==> flow/design.v <==
module cmp_unit_p #(
   parameter W = 7
) (
   input wire clk,
   input wire adv,
   input wire [W-1:0] a,
   input wire [W-1:0] b,
   output reg a_gt_b,
   output reg lt
);
   reg [W-1:0] a_d1;
   reg [W-1:0] b_d1;
   always @(posedge clk) begin
      if (adv) begin
         a_d1 <= a;
         b_d1 <= b;
      end
   end
   reg g;
   reg l;
   integer k;
   always @(*) begin
      g = 1'b0;
      l = 1'b0;
      for (k = W-1; k >= 0; k = k - 1) begin
         if (!g && !l) begin
            g = a_d1[k] & ~b_d1[k];
            l = ~a_d1[k] & b_d1[k];
         end
      end
   end
   always @(posedge clk) begin
      if (adv) begin
         a_gt_b <= g;
         lt <= l;
      end
   end
endmodule
Reports on cmp_unit_p
What the tools print for cmp_unit_p, step after step.
Line numbers count from 1 in the design file above.
Operators: Yosys type, input widths -> output width; for muxes data width and select width s.
Cell names lack the library's common part.
The mark n/a stands for no value.
Inputs
  design top: cmp_unit_p
  clock: clk
  library: sky130hd
  corner: tt_025C_1v80

After elaboration
Source: Yosys, flattened and elaborated, memories not mapped. Widths are those after wreduce; folded enables and synchronous resets count as part of the registers. Registers that Yosys merges into a memory's read port (data or address) are not register bits. Print and check cells do not count. Equal cells are merged and count once.
Operators by class
  muxes and demuxes: 12
  reduce/logical cells: 18
  bitwise gates (word level): 28
Operators with widths (number)
  $and 1x1->1: 14
  $not 1->1: 14
  $logic_not 1->1: 12
  $mux 1: 12
  $logic_and 1x1->1: 6
Storage and ports
  output and inout bits: 2
  word-level cells: 62
  input port bits: 16
  register bits: 16

Longest topological paths
Yosys ltp: most cells in a row. Word level: on the elaborated netlist, between registers, memories and ports. Mapped: between sequential cells and ports; inverters and the memories' decode and read muxes count.
Depth
  depth in word-level cells: 20
  ABC_AREA: 0
  gate-level depth with buffers: 6
  gate-level depth less buffers: 6

Mapped cells and area
Yosys stat after the flow's synthesis: flattened, memories mapped to cells. It holds for the ABC_AREA given above (unset counts as 0); a run with the other value may have another netlist.
Cell types
  edfxtp_1: number 16, area in all 480.461 um^2
  ha_1: number 2, area in all 25.024 um^2
  nor2b_1: number 4, area in all 25.024 um^2
  inv_1: number 5, area in all 18.768 um^2
  o221ai_2: number 1, area in all 15.014 um^2
  nand2b_1: number 2, area in all 12.512 um^2
  maj3_2: number 1, area in all 11.261 um^2
  a21oi_1: number 2, area in all 10.01 um^2
  a311o_1: number 1, area in all 10.01 um^2
  maj3_1: number 1, area in all 10.01 um^2
  mux2i_1: number 1, area in all 10.01 um^2
  nor3_1: number 2, area in all 10.01 um^2
  o311ai_0: number 1, area in all 8.758 um^2
  a211oi_1: number 1, area in all 7.507 um^2
  nand3b_1: number 1, area in all 7.507 um^2
  nor3b_1: number 1, area in all 7.507 um^2
  o21bai_1: number 1, area in all 7.507 um^2
  or2b_1: number 1, area in all 7.507 um^2
Other cell types: 2; their cells: 2.
Mapped netlist
  buffer cells: 0
  cell count: 46
  sequential area: 480.5 um^2
  mapped area: 693.2 um^2
  flip-flop cells: 16

Path before layout
Source: OpenSTA report_checks on the synthesized netlist (no wires, ideal clock, input and output delay 20% of the period each), path of least setup slack; recovery checks are left aside. Register names are those of the netlist, which keeps one name where synthesis merged equal registers.
Path post-synthesis
  path kind: register to register
  start point: reg a_d1[6]
  end point: reg lt
  stages on the path: 6
  required time: 1.619 ns
  arrival time: 1.238 ns
  setup time: 0.271 ns
  buffers on the path: 0
  clock period: 1.89 ns
  path delay: 1.509 ns
  time at the first pin: 0.000 ns
  slack: 0.381 ns
  period reached after synthesis: 1.509 ns
"path delay" is the arrival time less input delay plus setup time.
"stages on the path": output pins that drive a net of the path, with the launching flip-flop's if there is one; two outputs of one cell count as two.
"period reached after synthesis" = period - worst setup slack (recovery checks aside). The figure is calculated, with input and output delays left at 20% of the set period.
The rows between start and end are the longest chain of elaborated cells between them; the timing report does not say that the signal goes this way. Where chains are equally long, one stands for them.
A line is the first line of the expression or statement that the cell stems from. Yosys adds cells for indexed reads and writes and turns some case tables into memories.
On the way, post-synthesis
  path through: edfxtp_1 -> inv_1 -> ha_1 -> o21ai_0 -> o21bai_1 -> o221ai_2
  length of the longest elaborated chain: 20
  elaborated cells on any way between the ends: 32
  RTL lines with such cells: 3
  classes of those cells: mux (11); logic (3); reduce/logical (18)
RTL lines, path post-synthesis
  from (decl): line 11  | reg [W-1:0] a_d1;
  from (assign): line 15  | a_d1 <= a;
  $not 1->1: line 28  | l = ~a_d1[k] & b_d1[k];
  $and 1x1->1: line 28
  $logic_not 1->1: line 26  | if (!g && !l) begin
  $logic_and 1x1->1: line 26
  $mux 1: line 26
  $logic_not 1->1: line 26
  $logic_and 1x1->1: line 26
  (+6 left out)
  $mux 1: line 26
  $logic_not 1->1: line 26
  $logic_and 1x1->1: line 26
  $mux 1: line 26
  $logic_not 1->1: line 26
  $logic_and 1x1->1: line 26
  $mux 1: line 26
  to (assign): line 35  | lt <= l;
  to (decl): line 9  | output reg lt

Worst path after layout
Path of least setup slack in the final report of job 1 (OpenROAD, finished layout, wires in). Where an end is a register, its clock arrival counts in the times.
Path after layout
  path kind: register to register
  start point: reg b_d1[6]
  end point: reg lt
  time at the first pin: 0.24 ns
  setup time: 0.26 ns
  buffers on the path: 0
  clock period: 1.14 ns
  required time: 1.13 ns
  stages on the path: 6
  arrival time: 1.42 ns
  slack: -0.29 ns
The rows between start and end are the longest chain of elaborated cells between them; the timing report does not say that the signal goes this way. Where chains are equally long, one stands for them.
On the way, after layout
  path through: edfxtp_1 -> ha_4 -> nand3b_1 -> o21ai_2 -> o21bai_4 -> o221ai_2
  length of the longest elaborated chain: 20
  elaborated cells on any way between the ends: 32
  RTL lines with such cells: 3
  classes of those cells: mux (11); logic (3); reduce/logical (18)
RTL lines, path after layout
  from (decl): line 12  | reg [W-1:0] b_d1;
  from (assign): line 16  | b_d1 <= b;
  $not 1->1: line 27  | g = a_d1[k] & ~b_d1[k];
  $and 1x1->1: line 27
  $logic_not 1->1: line 26  | if (!g && !l) begin
  $logic_and 1x1->1: line 26
  $mux 1: line 26
  $logic_not 1->1: line 26
  $logic_and 1x1->1: line 26
  (+6 left out)
  $mux 1: line 26
  $logic_not 1->1: line 26
  $logic_and 1x1->1: line 26
  $mux 1: line 26
  $logic_not 1->1: line 26
  $logic_and 1x1->1: line 26
  $mux 1: line 26
  to (assign): line 35  | lt <= l;
  to (decl): line 9  | output reg lt

## Implementation results

Stored flow runs of cmp_unit_p (3 of them; Yosys, OpenROAD, sky130hd). They differ in their settings and are not a sequence. Constraints: input delay and output delay 20% of the set period each, output load 0.01 pF.
"achieved clock period" means the clock period less the worst setup slack. The figure is calculated, with input and output delays left at 20% of the set period.
"worst setup path time": the worst setup path's part of the clock period (all of it between registers, 20% less for each end at a port) less its slack. A launch clock that arrives late makes it longer, a capture clock that arrives late makes it shorter.
"power" rests on the timing tool's default activity at the inputs, not on a simulated workload.

Job 1
==> flow/run.sh <==
#!/bin/bash
# the make line also repeats the synthesis and layout settings of config.mk as NAME=value (left out here)
make -C /OpenROAD-flow-scripts/flow DESIGN_CONFIG=/design/flow/config.mk WORK_HOME=/design/flow/orfs CLKGATE_MAP_FILE= finish
==> flow/config.mk <==
export PLATFORM = sky130hd
export DESIGN_NAME = cmp_unit_p
export DESIGN_NICKNAME = cmp_unit_p
export VERILOG_FILES = /design/flow/design.v
export SDC_FILE = /design/flow/constraint.sdc
export NUM_CORES = 4
export LEC_CHECK = 0
export ABC_AREA = 0
export CAP_MARGIN = 25
export CELL_PAD_IN_SITES_GLOBAL_PLACEMENT = 1
export CORE_ASPECT_RATIO = 1.43
export CORE_MARGIN = 2
export CORE_UTILIZATION = 24
export GPL_TIMING_DRIVEN = 1
export HOLD_SLACK_MARGIN = -0.03
export MAX_ROUTING_LAYER = met4
export PLACE_DENSITY = 0.53
export SETUP_SLACK_MARGIN = 0.18
export SLEW_MARGIN = 5
==> flow/constraint.sdc <==
create_clock -name core_clock -period 1.14 [get_ports {clk}]
set_input_delay 0.2280 -clock core_clock [delete_from_list [all_inputs] [get_ports {clk}]]
set_output_delay 0.2280 -clock core_clock [all_outputs]
set_load 0.01 [all_outputs]

==> results of job 1 <==
chip area after synthesis (Yosys): 693.2 um^2
die area: 3,340.9 um^2
standard-cell area of the final layout: 1,053.5 um^2
utilization: 37.7%
worst setup slack after layout: -0.295 ns
total negative slack: -0.560 ns
worst hold slack: 0.533 ns
power: 1.405 mW
achieved clock period: 1.435 ns
worst setup path time: 1.43 ns
worst setup path kind: register to register

Job 2
==> flow/run.sh <==
#!/bin/bash
# the make line also repeats the synthesis and layout settings of config.mk as NAME=value (left out here)
make -C /OpenROAD-flow-scripts/flow DESIGN_CONFIG=/design/flow/config.mk WORK_HOME=/design/flow/orfs CLKGATE_MAP_FILE= finish
==> flow/config.mk <==
export PLATFORM = sky130hd
export DESIGN_NAME = cmp_unit_p
export DESIGN_NICKNAME = cmp_unit_p
export VERILOG_FILES = /design/flow/design.v
export SDC_FILE = /design/flow/constraint.sdc
export NUM_CORES = 4
export LEC_CHECK = 0
export CAP_MARGIN = 20
export CELL_PAD_IN_SITES_DETAIL_PLACEMENT = 0
export CORE_MARGIN = 10
export CORE_UTILIZATION = 38
export HOLD_SLACK_MARGIN = 0.09
export MIN_ROUTING_LAYER = met1
export PLACE_DENSITY_LB_ADDON = 0.22
export SETUP_SLACK_MARGIN = 0.31
export SLEW_MARGIN = 20
==> flow/constraint.sdc <==
create_clock -name core_clock -period 1.12 [get_ports {clk}]
set_input_delay 0.2240 -clock core_clock [delete_from_list [all_inputs] [get_ports {clk}]]
set_output_delay 0.2240 -clock core_clock [all_outputs]
set_load 0.01 [all_outputs]

==> results of job 2 <==
chip area after synthesis (Yosys): 693.2 um^2
die area: 3,932.5 um^2
standard-cell area of the final layout: 1,041.0 um^2
utilization: 60.3%
worst setup slack after layout: -0.305 ns
total negative slack: -0.551 ns
worst hold slack: 0.486 ns
power: 1.298 mW
achieved clock period: 1.425 ns
worst setup path time: 1.42 ns
worst setup path kind: register to register

Job 3
==> flow/run.sh <==
#!/bin/bash
# the make line also repeats the synthesis and layout settings of config.mk as NAME=value (left out here)
make -C /OpenROAD-flow-scripts/flow DESIGN_CONFIG=/design/flow/config.mk WORK_HOME=/design/flow/orfs CLKGATE_MAP_FILE= finish
==> flow/config.mk <==
export PLATFORM = sky130hd
export DESIGN_NAME = cmp_unit_p
export DESIGN_NICKNAME = cmp_unit_p
export VERILOG_FILES = /design/flow/design.v
export SDC_FILE = /design/flow/constraint.sdc
export NUM_CORES = 4
export LEC_CHECK = 0
export CAP_MARGIN = 20
export CORE_MARGIN = 2
export CORE_UTILIZATION = 40
export SLEW_MARGIN = 20
==> flow/constraint.sdc <==
create_clock -name core_clock -period 1.89 [get_ports {clk}]
set_input_delay 0.3780 -clock core_clock [delete_from_list [all_inputs] [get_ports {clk}]]
set_output_delay 0.3780 -clock core_clock [all_outputs]
set_load 0.01 [all_outputs]

==> results of job 3 <==
chip area after synthesis (Yosys): 693.2 um^2
die area: 2,082.1 um^2
standard-cell area of the final layout: 914.6 um^2
utilization: 54.8%
worst setup slack after layout: 0.276 ns
total negative slack: 0.000 ns
worst hold slack: 0.650 ns
power: 0.7288 mW
achieved clock period: 1.614 ns
worst setup path time: 1.61 ns
worst setup path kind: register to register
